==> flow/design.v <==
module alu_mux_n #(
    parameter WIDTH = 12
) (
    input  wire clk_i,
    input  wire aresetn,
    input  wire [WIDTH-1:0] ch_0,
    input  wire [WIDTH-1:0] ch_1,
    input  wire [WIDTH-1:0] ch_2,
    input  wire [WIDTH-1:0] ch_3,
    input  wire [WIDTH-1:0] ch_4,
    input  wire [WIDTH-1:0] ch_5,
    input  wire [WIDTH-1:0] ch_6,
    input  wire [WIDTH-1:0] ch_7,
    input  wire [WIDTH-1:0] ch_8,
    input  wire [WIDTH-1:0] ch_9,
    input  wire [3:0] addr,
    output wire [WIDTH-1:0] z_o
);
    reg [WIDTH-1:0] ch_0_ff;
    reg [WIDTH-1:0] ch_1_ff;
    reg [WIDTH-1:0] ch_2_ff;
    reg [WIDTH-1:0] ch_3_ff;
    reg [WIDTH-1:0] ch_4_ff;
    reg [WIDTH-1:0] ch_5_ff;
    reg [WIDTH-1:0] ch_6_ff;
    reg [WIDTH-1:0] ch_7_ff;
    reg [WIDTH-1:0] ch_8_ff;
    reg [WIDTH-1:0] ch_9_ff;
    reg [3:0] addr_ff;
    reg [WIDTH-1:0] t;
    always @* begin
        if (addr_ff == 0) t = ch_0_ff;
        else if (addr_ff == 1) t = ch_1_ff;
        else if (addr_ff == 2) t = ch_2_ff;
        else if (addr_ff == 3) t = ch_3_ff;
        else if (addr_ff == 4) t = ch_4_ff;
        else if (addr_ff == 5) t = ch_5_ff;
        else if (addr_ff == 6) t = ch_6_ff;
        else if (addr_ff == 7) t = ch_7_ff;
        else if (addr_ff == 8) t = ch_8_ff;
        else t = ch_9_ff;
    end
    reg [WIDTH-1:0] z_o_ff;
    assign z_o = z_o_ff;
    always @(posedge clk_i or negedge aresetn) begin
        if (!aresetn) begin
            ch_0_ff <= 0;
            ch_1_ff <= 0;
            ch_2_ff <= 0;
            ch_3_ff <= 0;
            ch_4_ff <= 0;
            ch_5_ff <= 0;
            ch_6_ff <= 0;
            ch_7_ff <= 0;
            ch_8_ff <= 0;
            ch_9_ff <= 0;
            addr_ff <= 0;
            z_o_ff <= 0;
        end else begin
            ch_0_ff <= ch_0;
            ch_1_ff <= ch_1;
            ch_2_ff <= ch_2;
            ch_3_ff <= ch_3;
            ch_4_ff <= ch_4;
            ch_5_ff <= ch_5;
            ch_6_ff <= ch_6;
            ch_7_ff <= ch_7;
            ch_8_ff <= ch_8;
            ch_9_ff <= ch_9;
            addr_ff <= addr;
            z_o_ff <= t;
        end
    end
endmodule
* Tool chain data of alu_mux_n *
The steps from the RTL of alu_mux_n to its reports follow in flow order.
Lines are those of the file above, counted from 1.
Operators: Yosys type, input widths -> output width; for muxes data width and select width s.
Library cell names are shortened.
Not given: n/a

set-up
  top = alu_mux_n
  clock = clk_i
  cell library = sky130hd
  corner = tt_025C_1v80

* After elaboration *
Source: Yosys, flattened and elaborated, memories not mapped. Widths are those after wreduce; folded enables and synchronous resets count as part of the registers. Registers that Yosys merges into a memory's read port (data or address) are not register bits. Print and check cells do not count. Equal cells are merged and count once.

word-level totals
  register bits after elaboration = 136
  input bits = 126
  output and inout port bits = 12
  word-level cells = 30

operators by class
  equal/unequal tests = 8
  muxes and demuxes = 9
  reduce/logical cells = 1

operators by type and width
  cell                number
  $mux 12             9
  $eq 4x3->1 const B  4
  $eq 4x2->1 const B  2
  $eq 4x1->1 const B  1
  $eq 4x4->1 const B  1
  $logic_not 4->1     1

* Longest topological paths *
Depth = most cells in a row (Yosys ltp): at word level without a register or memory, in the mapped netlist without a sequential cell, where the memories' decode and read muxes count.

logic depth
  depth in word-level cells = 10
  ABC_AREA = 0
  depth in mapped cells = 8
  mapped depth without buffers = 5

* Mapped cells and area *
Source: synth_stat.txt of the flow (Yosys; design flattened, memories mapped). It holds for the ABC_AREA given above (unset counts as 0); a run with the other value may have another netlist.

synthesis totals
  mapped cells = 373
  synthesis area = 0.0049172 mm2
  sequential area = 0.0034033 mm2
  flip-flop cells = 136
  buffer cells = 27

cell types
  type      number  total area (um2)
  dfrtp_1   136     3.4E+03
  mux4_2    7       157.651
  a21oi_1   31      155.149
  o21ai_0   25      125.12
  nand2_1   28      105.101
  o22ai_1   15      93.84
  mux2_2    8       90.086
  buf_2     14      70.067
  mux2i_1   7       70.067
  a22oi_1   9       67.565
  nor2_1    17      63.811
  o221ai_1  7       61.309
  nand3_1   10      50.048
  a211oi_1  6       45.043
  nor4bb_1  4       40.038
  buf_4     5       37.536
  o32ai_1   3       26.275
  nor3_1    5       25.024

Other cell types: 20; their cells: 36.

* Timing after synthesis *
Path of least setup slack by OpenSTA after synthesis, without wires, with an ideal clock, recovery checks aside; 20% of the period is set as input and as output delay. Where synthesis merged equal registers, the netlist keeps one of their names.

timing path after synthesis
  path kind = register -> register
  from = register addr_ff[0]
  to = register z_o_ff[6]
  clock period = 1.96 ns
  library setup time = 0.130 ns
  arrival time = 1.438 ns
  data required time = 1.830 ns
  slack = 0.393 ns
  delay of the path = 1.568 ns
  driving pins on the path = 6
  synthesis period reached = 1.567 ns

"delay of the path" is the arrival time less input delay plus setup time.
"driving pins on the path" counts driving pins, that of a launching flip-flop among them; a cell with two outputs on the path counts twice.
"synthesis period reached" = period - worst setup slack (recovery checks aside). The figure is calculated, with input and output delays left at 20% of the set period.
The rows between start and end are the longest chain of elaborated cells between them; the timing report does not say that the signal goes this way. Where chains are equally long, one stands for them.
A line is the first line of the expression or statement that the cell stems from. Yosys adds cells for indexed reads and writes and turns some case tables into memories.

between the ends, after synthesis
  cell sequence = dfrtp_1 buf_6 or3_4 a221o_1 a22oi_1 o22ai_1
  cells in the longest elaborated chain = 10

ends and longest elaborated chain, after synthesis
  what           line  text
  from (decl)    29    reg [3:0] addr_ff;
  from (assign)  57    addr_ff <= 0;
  from (assign)  70    addr_ff <= addr;
  $eq 4x4->1     40    else if (addr_ff == 8) t = ch_8_ff;
  $mux 12        40
  $mux 12        39    else if (addr_ff == 7) t = ch_7_ff;
  $mux 12        38    else if (addr_ff == 6) t = ch_6_ff;
  $mux 12        37    else if (addr_ff == 5) t = ch_5_ff;
  $mux 12        36    else if (addr_ff == 4) t = ch_4_ff;
  $mux 12        35    else if (addr_ff == 3) t = ch_3_ff;
  $mux 12        34    else if (addr_ff == 2) t = ch_2_ff;
  $mux 12        33    else if (addr_ff == 1) t = ch_1_ff;
  $mux 12        32    if (addr_ff == 0) t = ch_0_ff;
  to (assign)    58    z_o_ff <= 0;
  to (assign)    71    z_o_ff <= t;
  to (decl)      43    reg [WIDTH-1:0] z_o_ff;

* Path in the finished layout *
From the final timing report of record 1: the path of least setup slack in the routed layout; clock arrival at registers is part of the times.

timing path post-layout
  path kind = register -> register
  from = register addr_ff[1]
  to = register z_o_ff[6]
  clock period = 1.96 ns
  library setup time = 0.12 ns
  arrival time = 2.06 ns
  data required time = 2.26 ns
  slack = 0.20 ns
  driving pins on the path = 6

The rows between start and end are the longest chain of elaborated cells between them; the timing report does not say that the signal goes this way. Where chains are equally long, one stands for them.

between the ends, post-layout
  cell sequence = dfrtp_2 or2_1 nor2_1 a221o_1 a22oi_1 o22ai_1
  cells in the longest elaborated chain = 10

ends and longest elaborated chain, post-layout
  what           line  text
  from (decl)    29    reg [3:0] addr_ff;
  from (assign)  57    addr_ff <= 0;
  from (assign)  70    addr_ff <= addr;
  $eq 4x4->1     40    else if (addr_ff == 8) t = ch_8_ff;
  $mux 12        40
  $mux 12        39    else if (addr_ff == 7) t = ch_7_ff;
  $mux 12        38    else if (addr_ff == 6) t = ch_6_ff;
  $mux 12        37    else if (addr_ff == 5) t = ch_5_ff;
  $mux 12        36    else if (addr_ff == 4) t = ch_4_ff;
  $mux 12        35    else if (addr_ff == 3) t = ch_3_ff;
  $mux 12        34    else if (addr_ff == 2) t = ch_2_ff;
  $mux 12        33    else if (addr_ff == 1) t = ch_1_ff;
  $mux 12        32    if (addr_ff == 0) t = ch_0_ff;
  to (assign)    58    z_o_ff <= 0;
  to (assign)    71    z_o_ff <= t;
  to (decl)      43    reg [WIDTH-1:0] z_o_ff;

==> runs of alu_mux_n <==
alu_mux_n through Yosys and OpenROAD on sky130hd: 3 stored runs, unordered, with their settings and measured results. The constraints put input and output delay at 20% of the set period each and load the outputs with 0.01 pF.
"achieved clock period" = clock period - worst setup slack. The figure is calculated, with input and output delays left at 20% of the set period.
By "worst setup path time" is meant the share of the clock period that the worst setup path is allowed (20% is reserved at inputs, 20% at outputs), minus its slack. Clock arrival times at its registers enter into it.
"power" rests on the timing tool's default activity at the inputs, not on a simulated workload.

Record 1
==> flow/run.sh <==
#!/bin/bash
# the make line also repeats the synthesis and layout settings of config.mk as NAME=value (left out here)
make -C /OpenROAD-flow-scripts/flow DESIGN_CONFIG=/design/flow/config.mk WORK_HOME=/design/flow/orfs CLKGATE_MAP_FILE= finish
==> flow/config.mk <==
export PLATFORM = sky130hd
export DESIGN_NAME = alu_mux_n
export DESIGN_NICKNAME = alu_mux_n
export VERILOG_FILES = /design/flow/design.v
export SDC_FILE = /design/flow/constraint.sdc
export NUM_CORES = 4
export LEC_CHECK = 0
export CAP_MARGIN = 20
export CORE_MARGIN = 2
export CORE_UTILIZATION = 40
export SLEW_MARGIN = 20
==> flow/constraint.sdc <==
create_clock -name core_clock -period 1.96 [get_ports {clk_i}]
set_input_delay 0.3920 -clock core_clock [delete_from_list [all_inputs] [get_ports {clk_i}]]
set_output_delay 0.3920 -clock core_clock [all_outputs]
set_load 0.01 [all_outputs]

==> results of record 1 <==
chip area after synthesis (Yosys): 0.0049172 mm2
die area: 0.0131963 mm2
standard-cell area of the final layout: 0.0071006 mm2
utilization: 0.591
worst setup slack after layout: 0.196 ns
total negative slack: 0.000 ns
worst hold slack: 0.402 ns
power: 6.774 mW
achieved clock period: 1.764 ns
worst setup path time: 1.76 ns
worst setup path kind: register -> register

Record 2
==> flow/run.sh <==
#!/bin/bash
# the make line also repeats the synthesis and layout settings of config.mk as NAME=value (left out here)
make -C /OpenROAD-flow-scripts/flow DESIGN_CONFIG=/design/flow/config.mk WORK_HOME=/design/flow/orfs CLKGATE_MAP_FILE= finish
==> flow/config.mk <==
export PLATFORM = sky130hd
export DESIGN_NAME = alu_mux_n
export DESIGN_NICKNAME = alu_mux_n
export VERILOG_FILES = /design/flow/design.v
export SDC_FILE = /design/flow/constraint.sdc
export NUM_CORES = 4
export LEC_CHECK = 0
export CAP_MARGIN = 15
export CELL_PAD_IN_SITES_DETAIL_PLACEMENT = 2
export CELL_PAD_IN_SITES_GLOBAL_PLACEMENT = 3
export CORE_MARGIN = 2
export CORE_UTILIZATION = 47
export GPL_ROUTABILITY_DRIVEN = 1
export GPL_TIMING_DRIVEN = 0
export MAX_ROUTING_LAYER = met4
export SETUP_SLACK_MARGIN = 0.23
export SLEW_MARGIN = 0
export TNS_END_PERCENT = 85
==> flow/constraint.sdc <==
create_clock -name core_clock -period 1.53 [get_ports {clk_i}]
set_input_delay 0.3060 -clock core_clock [delete_from_list [all_inputs] [get_ports {clk_i}]]
set_output_delay 0.3060 -clock core_clock [all_outputs]
set_load 0.01 [all_outputs]

==> results of record 2 <==
did not finish, placement stopped with GPL-0301

Record 3
==> flow/run.sh <==
#!/bin/bash
# the make line also repeats the synthesis and layout settings of config.mk as NAME=value (left out here)
make -C /OpenROAD-flow-scripts/flow DESIGN_CONFIG=/design/flow/config.mk WORK_HOME=/design/flow/orfs CLKGATE_MAP_FILE= finish
==> flow/config.mk <==
export PLATFORM = sky130hd
export DESIGN_NAME = alu_mux_n
export DESIGN_NICKNAME = alu_mux_n
export VERILOG_FILES = /design/flow/design.v
export SDC_FILE = /design/flow/constraint.sdc
export NUM_CORES = 4
export LEC_CHECK = 0
export CAP_MARGIN = 10
export CORE_ASPECT_RATIO = 1.08
export CORE_MARGIN = 5
export CORE_UTILIZATION = 17
export CTS_CLUSTER_DIAMETER = 340
export CTS_CLUSTER_SIZE = 46
export GPL_ROUTABILITY_DRIVEN = 0
export PLACE_DENSITY_LB_ADDON = 0.19
export SETUP_SLACK_MARGIN = -0.02
export SLEW_MARGIN = 20
==> flow/constraint.sdc <==
create_clock -name core_clock -period 2.6 [get_ports {clk_i}]
set_input_delay 0.5200 -clock core_clock [delete_from_list [all_inputs] [get_ports {clk_i}]]
set_output_delay 0.5200 -clock core_clock [all_outputs]
set_load 0.01 [all_outputs]

==> results of record 3 <==
chip area after synthesis (Yosys): 0.0049172 mm2
die area: 0.0324283 mm2
standard-cell area of the final layout: 0.0073758 mm2
utilization: 0.259
worst setup slack after layout: 0.614 ns
total negative slack: 0.000 ns
worst hold slack: 0.538 ns
power: 5.457 mW
achieved clock period: 1.986 ns
worst setup path time: 1.99 ns
worst setup path kind: register -> register
